==> flow/design.v <==
module sync_compare #(
   parameter DWIDTH = 8
) (
   input wire i_clk,
   input wire valid,
   input wire [DWIDTH-1:0] dataa,
   input wire [DWIDTH-1:0] datab,
   input wire [DWIDTH-1:0] datac,
   output wire in_range
);
   reg r_in_range;
   always @(posedge i_clk) begin
      if (valid) begin
         r_in_range <= (dataa >= datab) && (dataa <= datac);
      end
   end
   assign in_range = r_in_range;
endmodule
## Tool chain data of sync_compare

What the tools print for sync_compare, step after step.
Line numbers count from 1 in the design file above.
Operators: Yosys type, input widths -> output width; for muxes data width and select width s.
Library cell names are shortened.
The mark n/a stands for no value.

| design | value |
|---|---|
| design top | sync_compare |
| clock | i_clk |
| library | sky130hd |
| timing corner | tt_025C_1v80 |

## Elaborated design

Source: Yosys, flattened and elaborated, memories not mapped. Widths are those after wreduce; folded enables and synchronous resets count as part of the registers. Registers that Yosys merges into a memory's read port (data or address) are not register bits. Print and check cells do not count. Equal cells are merged and count once.

| storage and ports | value |
|---|---|
| bits in registers | 1 |
| input port bits | 26 |
| output and inout bits | 1 |
| cells after elaboration | 4 |

| cells by class | value |
|---|---|
| order comparisons | 2 |
| reduce/logical cells | 1 |

Operator list:

| cell | number |
|---|---|
| $ge 8x8->1 | 1 |
| $le 8x8->1 | 1 |
| $logic_and 1x1->1 | 1 |

## Logic depth

Yosys ltp: most cells in a row. Word level: on the elaborated netlist, between registers, memories and ports. Mapped: between sequential cells and ports; inverters and the memories' decode and read muxes count.

| logic depth | value |
|---|---|
| word-level depth | 2 |
| ABC_AREA | 0 |
| mapped depth | 6 |

## Netlist

Source: synth_stat.txt of the flow (Yosys; design flattened, memories mapped). It holds for the ABC_AREA given above (unset counts as 0); a run with the other value may have another netlist.
Totals and module areas in this step are rounded.

Cell types:

| type | number |
|---|---|
| ha_1 | 16 |
| inv_1 | 16 |
| a21oi_1 | 7 |
| edfxtp_1 | 1 |
| o21ai_0 | 4 |
| nand2_1 | 4 |
| a211oi_2 | 1 |
| nand4_2 | 1 |
| nor2_1 | 3 |
| nor3_2 | 1 |
| a21o_1 | 1 |
| nor3b_1 | 1 |
| nand3_1 | 1 |
| nor3_1 | 1 |

| mapped netlist | value |
|---|---|
| cell count | 58 |
| chip area (Yosys) | 432 µm² |
| sequential area | 30.0 µm² |
| mapped flip-flops | 1 |
| buffers | 0 |

## Path before layout

Source: OpenSTA report_checks on the synthesized netlist (no wires, ideal clock, input and output delay 20% of the period each), path of least setup slack; recovery checks are left aside. Register names are those of the netlist, which keeps one name where synthesis merged equal registers.

| path post-synthesis | value |
|---|---|
| path kind | in2reg |
| start | input datac[7] |
| end | register r_in_range |
| clock period | 1.62 ns |
| external input delay | 0.324 ns |
| setup time | 0.158 ns |
| data arrival time | 1.206 ns |
| data required time | 1.462 ns |
| slack | 0.256 ns |
| path delay | 1.040 ns |
| driving pins on the path | 6 |
| buffers on the path | 0 |
| synthesis period reached | 1.364 ns |

"path delay" = arrival - input delay + setup time.
"driving pins on the path" counts driving pins, that of a launching flip-flop among them; a cell with two outputs on the path counts twice.
"synthesis period reached" = period - worst setup slack (recovery checks aside). The figure is calculated, with input and output delays left at 20% of the set period.
The rows between start and end are the longest chain of elaborated cells between them; the timing report does not say that the signal goes this way. Where chains are equally long, one stands for them.
Each line given opens the expression or statement behind the cell; cells for indexed reads and writes are added by Yosys, which also makes memories of some case tables.

| between the ends, post-synthesis | value |
|---|---|
| cell sequence | inv_1 -> ha_1 -> nand4_2 -> nor3_2 -> nor2_1 -> a211oi_2 |
| cells in the longest elaborated chain | 2 |

Ends and longest elaborated chain, post-synthesis:

| element | RTL line | source |
|---|---|---|
| from (decl) | 8 | `input wire [DWIDTH-1:0] datac,` |
| $le 8x8->1 | 14 | `r_in_range <= (dataa >= datab) && (dataa <= datac);` |
| $logic_and 1x1->1 | 14 |  |
| to (assign) | 14 |  |
| to (decl) | 11 | `reg r_in_range;` |

## Path in the finished layout

Path of least setup slack in the final report of flow run 1 (OpenROAD, finished layout, wires in). Where an end is a register, its clock arrival counts in the times.

| path post-layout | value |
|---|---|
| path kind | in2reg |
| start | input dataa[0] |
| end | register r_in_range |
| clock period | 2.45 ns |
| external input delay | 0.49 ns |
| setup time | 0.27 ns |
| data arrival time | 1.88 ns |
| data required time | 2.18 ns |
| slack | 0.30 ns |
| driving pins on the path | 7 |
| buffers on the path | 1 |

The rows between start and end are the longest chain of elaborated cells between them; the timing report does not say that the signal goes this way. Where chains are equally long, one stands for them.

| between the ends, post-layout | value |
|---|---|
| cell sequence | clkdlybuf4s50_1 -> inv_1 -> ha_1 -> nor3b_1 -> o21ai_0 -> a21oi_1 -> a211oi_2 |
| cells in the longest elaborated chain | 2 |

Ends and longest elaborated chain, post-layout:

| element | RTL line | source |
|---|---|---|
| from (decl) | 6 | `input wire [DWIDTH-1:0] dataa,` |
| $ge 8x8->1 | 14 | `r_in_range <= (dataa >= datab) && (dataa <= datac);` |
| $logic_and 1x1->1 | 14 |  |
| to (assign) | 14 |  |
| to (decl) | 11 | `reg r_in_range;` |

Hand-over note for sync_compare

Stored flow runs of sync_compare (3 of them; Yosys, OpenROAD, sky130hd). They differ in their settings and are not a sequence. Constraints: input delay and output delay 20% of the set period each, output load 0.01 pF.
"reached clock period" is the run's clock period less its worst setup slack. It is reckoned from that one timing run; input and output delays stay at 20% of the period that was set.
By "time used up by the worst setup path" is meant the share of the clock period that the worst setup path is allowed (20% is reserved at inputs, 20% at outputs), minus its slack. Clock arrival times at its registers enter into it.
"power consumption": no workload was simulated; the value follows from the tool's default switching activity.
Results are given in rounded form.

#### Flow run 1

| setting | value |
|---|---|
| period_ns | `2.45` |
| CORE_UTILIZATION | `18` |
| SETUP_SLACK_MARGIN | `-0.05` |
| PLACE_DENSITY | `0.8` |
| CORE_MARGIN | `7` |
| ABC_AREA | `0` |
| MAX_ROUTING_LAYER | `met5` |
| CAP_MARGIN | `20` |
| SLEW_MARGIN | `20` |

| result | value |
|---|---|
| worst slack on setup checks | 0.302 ns |
| reached clock period | 2.148 ns |
| time used up by the worst setup path | 1.66 ns |
| kind of the worst setup path | in2reg |
| Yosys chip area after synthesis | 432 µm² |
| setup TNS | 0.000 ns |
| post-route utilization | 32.5% |
| power consumption | 0.000128 W |
| worst hold slack in the final report | 1.09 ns |
| die area | 3970 µm² |

#### Flow run 2

| setting | value |
|---|---|
| period_ns | `1.91` |
| CORE_UTILIZATION | `49` |
| CORE_ASPECT_RATIO | `0.75` |
| CORE_MARGIN | `9` |
| CELL_PAD_IN_SITES_GLOBAL_PLACEMENT | `1` |
| ABC_AREA | `1` |
| GPL_ROUTABILITY_DRIVEN | `1` |
| CTS_CLUSTER_DIAMETER | `128` |
| CAP_MARGIN | `5` |
| MIN_ROUTING_LAYER | `met2` |
| SLEW_MARGIN | `20` |

Did not finish, floorplanning stopped with PDN-0185.

#### Flow run 3

| setting | value |
|---|---|
| period_ns | `1.62` |
| CAP_MARGIN | `20` |
| CORE_MARGIN | `2` |
| CORE_UTILIZATION | `40` |
| SLEW_MARGIN | `20` |

| result | value |
|---|---|
| die area | 1360 µm² |
| Yosys chip area after synthesis | 432 µm² |
| post-route utilization | 93.9% |
| worst slack on setup checks | -0.036 ns |
| power consumption | 0.0003 W |
| time used up by the worst setup path | 1.33 ns |
| kind of the worst setup path | in2reg |
| worst hold slack in the final report | 0.950 ns |
| setup TNS | -0.036 ns |
| reached clock period | 1.656 ns |

End of note.
